==> flow/design.v <==
module adder_la4 (
  input wire [3:0] a,
  input wire [3:0] b,
  input wire ci,
  output wire [3:0] s,
  output wire co
);
  wire [3:0] g = a & b;
  wire [3:0] p = a ^ b;
  wire c1 = g[0] | (p[0] & ci);
  wire c2 = g[1] | (p[1] & g[0]) | (p[1] & p[0] & ci);
  wire c3 = g[2] | (p[2] & g[1]) | (p[2] & p[1] & g[0]) | (p[2] & p[1] & p[0] & ci);
  assign co = g[3] | (p[3] & g[2]) | (p[3] & p[2] & g[1]) | (p[3] & p[2] & p[1] & g[0]) | (&p & ci);
  assign s = p ^ {c3, c2, c1, ci};
endmodule
module adder #(
  parameter WIDTH = 36
) (
  input wire ck,
  input wire clk_en,
  input wire [WIDTH-1:0] src1_i,
  input wire [WIDTH-1:0] src2_i,
  input wire c0_i,
  output reg [WIDTH-1:0] res_o,
  output reg ovf_o
);
  reg [WIDTH-1:0] src1_d1;
  reg [WIDTH-1:0] src2_d1;
  reg c0_d1;
  always @(posedge ck) begin
    if (clk_en) begin
      src1_d1 <= src1_i;
      src2_d1 <= src2_i;
      c0_d1 <= c0_i;
    end
  end
  localparam GROUPS = WIDTH / 4;
  wire [WIDTH-1:0] t;
  wire [GROUPS:0] cy;
  assign cy[0] = c0_d1;
  genvar ii;
  generate
    for (ii = 0; ii < GROUPS; ii = ii + 1) begin : row
      adder_la4 u (.a(src1_d1[4*ii +: 4]), .b(src2_d1[4*ii +: 4]), .ci(cy[ii]), .s(t[4*ii +: 4]), .co(cy[ii+1]));
    end
  endgenerate
  always @(posedge ck) begin
    if (clk_en) begin
      res_o <= t;
      ovf_o <= cy[GROUPS];
    end
  end
endmodule
# Step by step through the tools: adder
# The steps from the RTL of adder to its reports follow in flow order.
# Lines are those of the file above, counted from 1.
# Operators: Yosys type, input widths -> output width; for muxes data width and select width s.
# Cell names lack the library's common part.
# The mark - stands for no value.
# design
top_module	adder
clk_port	ck
cell_library	sky130hd
corner	tt_025C_1v80

# After elaboration
# Counts by Yosys on the flattened word-level netlist (proc, flatten, opt, wreduce; memories kept). Register bits leave out memories and registers merged into their read ports (data or address); mux counts leave out enables and synchronous resets folded into registers. Print and check cells are left out. Cells with the same type and inputs are merged into one.
# word_totals
in_bits	75
out_inout_bits	37
regBits	110
elab_cells	266
# op_classes
logic	252
reduce_logical	9
# op_table
op	count
$and 1x1->1	135
$or 1x1->1	90
$xor 4x4->4	18
$and 4x4->4	9
$reduce_and 4->1	9

# Longest topological paths
# Depth = most cells in a row (Yosys ltp): at word level without a register or memory, in the mapped netlist without a sequential cell, where the memories' decode and read muxes count.
# logic_depth
ltp_word	23
ABC_AREA	0
mapped_depth	11
ltp_nobuf	11

# After synthesis
# The flow's flattened synthesis, as Yosys stat reports it; memories are mapped. The netlist is that of the ABC_AREA named above (0 if unset); the other value can give another one.
# synth_totals
seq_area_um2	3303.2
ff_cells	110
n_buf	0
synth_area_um2	4827.1
mapped_cells	297
# types
type	count	area_total_um2
edfxtp_1	110	3.3E+03
ha_1	36	450.432
fa_1	9	180.173
xor2_1	17	148.893
a21oi_1	20	100.096
a21o_1	11	82.579
xnor2_1	9	78.826
nand2_1	13	48.797
inv_1	12	45.043
nor2_1	9	33.782
o21ai_1	6	30.029
a2111oi_4	1	27.526
a21oi_2	3	26.275
nand3_1	5	25.024
nand4_1	4	25.024
nor2b_1	4	25.024
o21ai_0	4	20.019
a31oi_1	3	18.768
# Not listed: further types 16, cells in them 21.
# By module: a second synthesis without flattening, with its own total; a netlist apart from the flattened one above.
# hier_totals
cells_unflattened	263
area_unflattened_um2	4631.9
# Rows give one instance, submodules left out.
# by_module
module	n_inst	mod_area_um2	seq_area_um2	cells
adder	1	3303.2	3303.2	110
adder_la4	9	147.6	0.0	17

# Timing after synthesis
# Source: OpenSTA report_checks on the synthesized netlist (no wires, ideal clock, input and output delay 20% of the period each), path of least setup slack; recovery checks are left aside. Register names are those of the netlist, which keeps one name where synthesis merged equal registers.
# synth_timing
path_kind	register to register
startpoint	reg src2_d1[25]
endpoint	reg res_o[33]
clock_period_ns	3.61
path_stages	12
slack_ns	0.724
path_delay_ns	2.886
n_path_buf	0
setup_ns	0.260
t_required_ns	3.350
t_arrival_ns	2.626
t_first_pin_ns	0.000
period_less_setup_slack_ns	2.886
# "path_delay_ns" = arrival - input delay + setup time.
# "path_stages" counts driving pins, that of a launching flip-flop among them; a cell with two outputs on the path counts twice.
# "period_less_setup_slack_ns" is the clock period less the worst setup slack; recovery checks do not enter. This is arithmetic on one report: input and output delays are still those of the set period (20% each).
# The rows between start and end are the longest chain of elaborated cells between them; the timing report does not say that the signal goes this way. Where chains are equally long, one stands for them.
# Each line given opens the expression or statement behind the cell; cells for indexed reads and writes are added by Yosys, which also makes memories of some case tables.
# synth_between
path_cell_list	edfxtp_1 ha_1 a21o_1 a21oi_2 nor2b_1 or3_4 a21oi_1 o21bai_1 a21o_1 a21o_1 fa_1 xor2_1
elab_chain_cells	10
cells_between	15
lines_between	5
cone_classes	14 x logic; 1 x reduce/logical
# synth_rtl
item	line	rtl
from (decl)	28	reg [WIDTH-1:0] src2_d1;
from (assign)	33	src2_d1 <= src2_i;
$and 4x4->4	8	wire [3:0] g = a & b;
$and 1x1->1	13	assign co = g[3] | (p[3] & g[2]) | (p[3] & p[2] & g[1]) | (p[3] & p[2] & p[1] & g[0]) | (&p & ci);
$or 1x1->1 x3	13
$and 1x1->1	13
$or 1x1->1	13
$and 1x1->1	10	wire c1 = g[0] | (p[0] & ci);
$or 1x1->1	10
$xor 4x4->4	14	assign s = p ^ {c3, c2, c1, ci};
to (assign)	49	res_o <= t;
to (decl)	24	output reg [WIDTH-1:0] res_o,

# Path in the finished layout
# From the final timing report of run A: the path of least setup slack in the routed layout; clock arrival at registers is part of the times.
# layout_timing
path_kind	register to register
startpoint	reg src2_d1[14]
endpoint	reg res_o[32]
slack_ns	0.46
t_arrival_ns	3.24
clock_period_ns	3.61
t_first_pin_ns	0.35
t_required_ns	3.70
n_path_buf	0
path_stages	11
setup_ns	0.26
# The rows between start and end are the longest chain of elaborated cells between them; the timing report does not say that the signal goes this way. Where chains are equally long, one stands for them.
# layout_between
path_cell_list	edfxtp_1 ha_1 nand4_1 nor4_1 o21ai_1 a31oi_1 a21oi_1 o21bai_1 a21o_1 a21o_1 fa_1
elab_chain_cells	15
cells_between	22
lines_between	4
cone_classes	21 x logic; 1 x reduce/logical
# layout_rtl
item	line	rtl
from (decl)	28	reg [WIDTH-1:0] src2_d1;
from (assign)	33	src2_d1 <= src2_i;
$and 4x4->4	8	wire [3:0] g = a & b;
$and 1x1->1	13	assign co = g[3] | (p[3] & g[2]) | (p[3] & p[2] & g[1]) | (p[3] & p[2] & p[1] & g[0]) | (&p & ci);
$or 1x1->1 x4	13
$and 1x1->1	13
$or 1x1->1	13
$and 1x1->1	13
$or 1x1->1	13
$and 1x1->1	13
$or 1x1->1	13
$and 1x1->1	13
$or 1x1->1	13
$xor 4x4->4	14	assign s = p ^ {c3, c2, c1, ci};
to (assign)	49	res_o <= t;
to (decl)	24	output reg [WIDTH-1:0] res_o,

# 3 stored runs of adder in the flow (synthesis by Yosys, layout by OpenROAD, sky130hd cells), in arbitrary order. Constraints: input delay and output delay 20% of the set period each, output load 0.01 pF.
# "timing.achieved_period_ns" means the clock period less the worst setup slack. The figure is calculated, with input and output delays left at 20% of the set period.
# "worst_setup_path_time_ns": the worst setup path's part of the clock period (all of it between registers, 20% less for each end at a port) less its slack. A launch clock that arrives late makes it longer, a capture clock that arrives late makes it shorter.
# "design_power_uw": no workload was simulated; the value follows from the tool's default switching activity.
# A setting shown as n/a is not set for that run.
# A result given as n/a is not shown for that run.
setting or result,run A,run B,run C
period_ns,3.61,3.73,2.68
CAP_MARGIN,20,5,20
CORE_MARGIN,2,2,6
CORE_UTILIZATION,40,27,65
SLEW_MARGIN,20,20,15
SETUP_SLACK_MARGIN,n/a,0.02,n/a
PLACE_DENSITY_LB_ADDON,n/a,0.24,0.01
HOLD_SLACK_MARGIN,n/a,0.14,n/a
CELL_PAD_IN_SITES_GLOBAL_PLACEMENT,n/a,3,n/a
GPL_TIMING_DRIVEN,n/a,1,n/a
GPL_ROUTABILITY_DRIVEN,n/a,0,n/a
CTS_CLUSTER_DIAMETER,n/a,85,n/a
CORE_ASPECT_RATIO,n/a,n/a,1.18
ys_area_um2,4827.1,4827.1,n/a
dieArea_um2,12963.0,18964.0,n/a
setup_tns_ns,0.000,0.000,n/a
setup_worst_slack_ns,0.459,0.576,n/a
timing.achieved_period_ns,3.151,3.154,n/a
cell_area_final_um2,6414.9,6516.2,n/a
worst_setup_path_time_ns,3.15,3.15,n/a
worst_setup_path_type,register to register,register to register,n/a
design_power_uw,3254,3201,n/a
post_route_util_pct,53.9,37.4,n/a
fin_hold_ws_ns,0.653,0.645,n/a
# Run C: incomplete, clock tree synthesis halted on DPL-0033
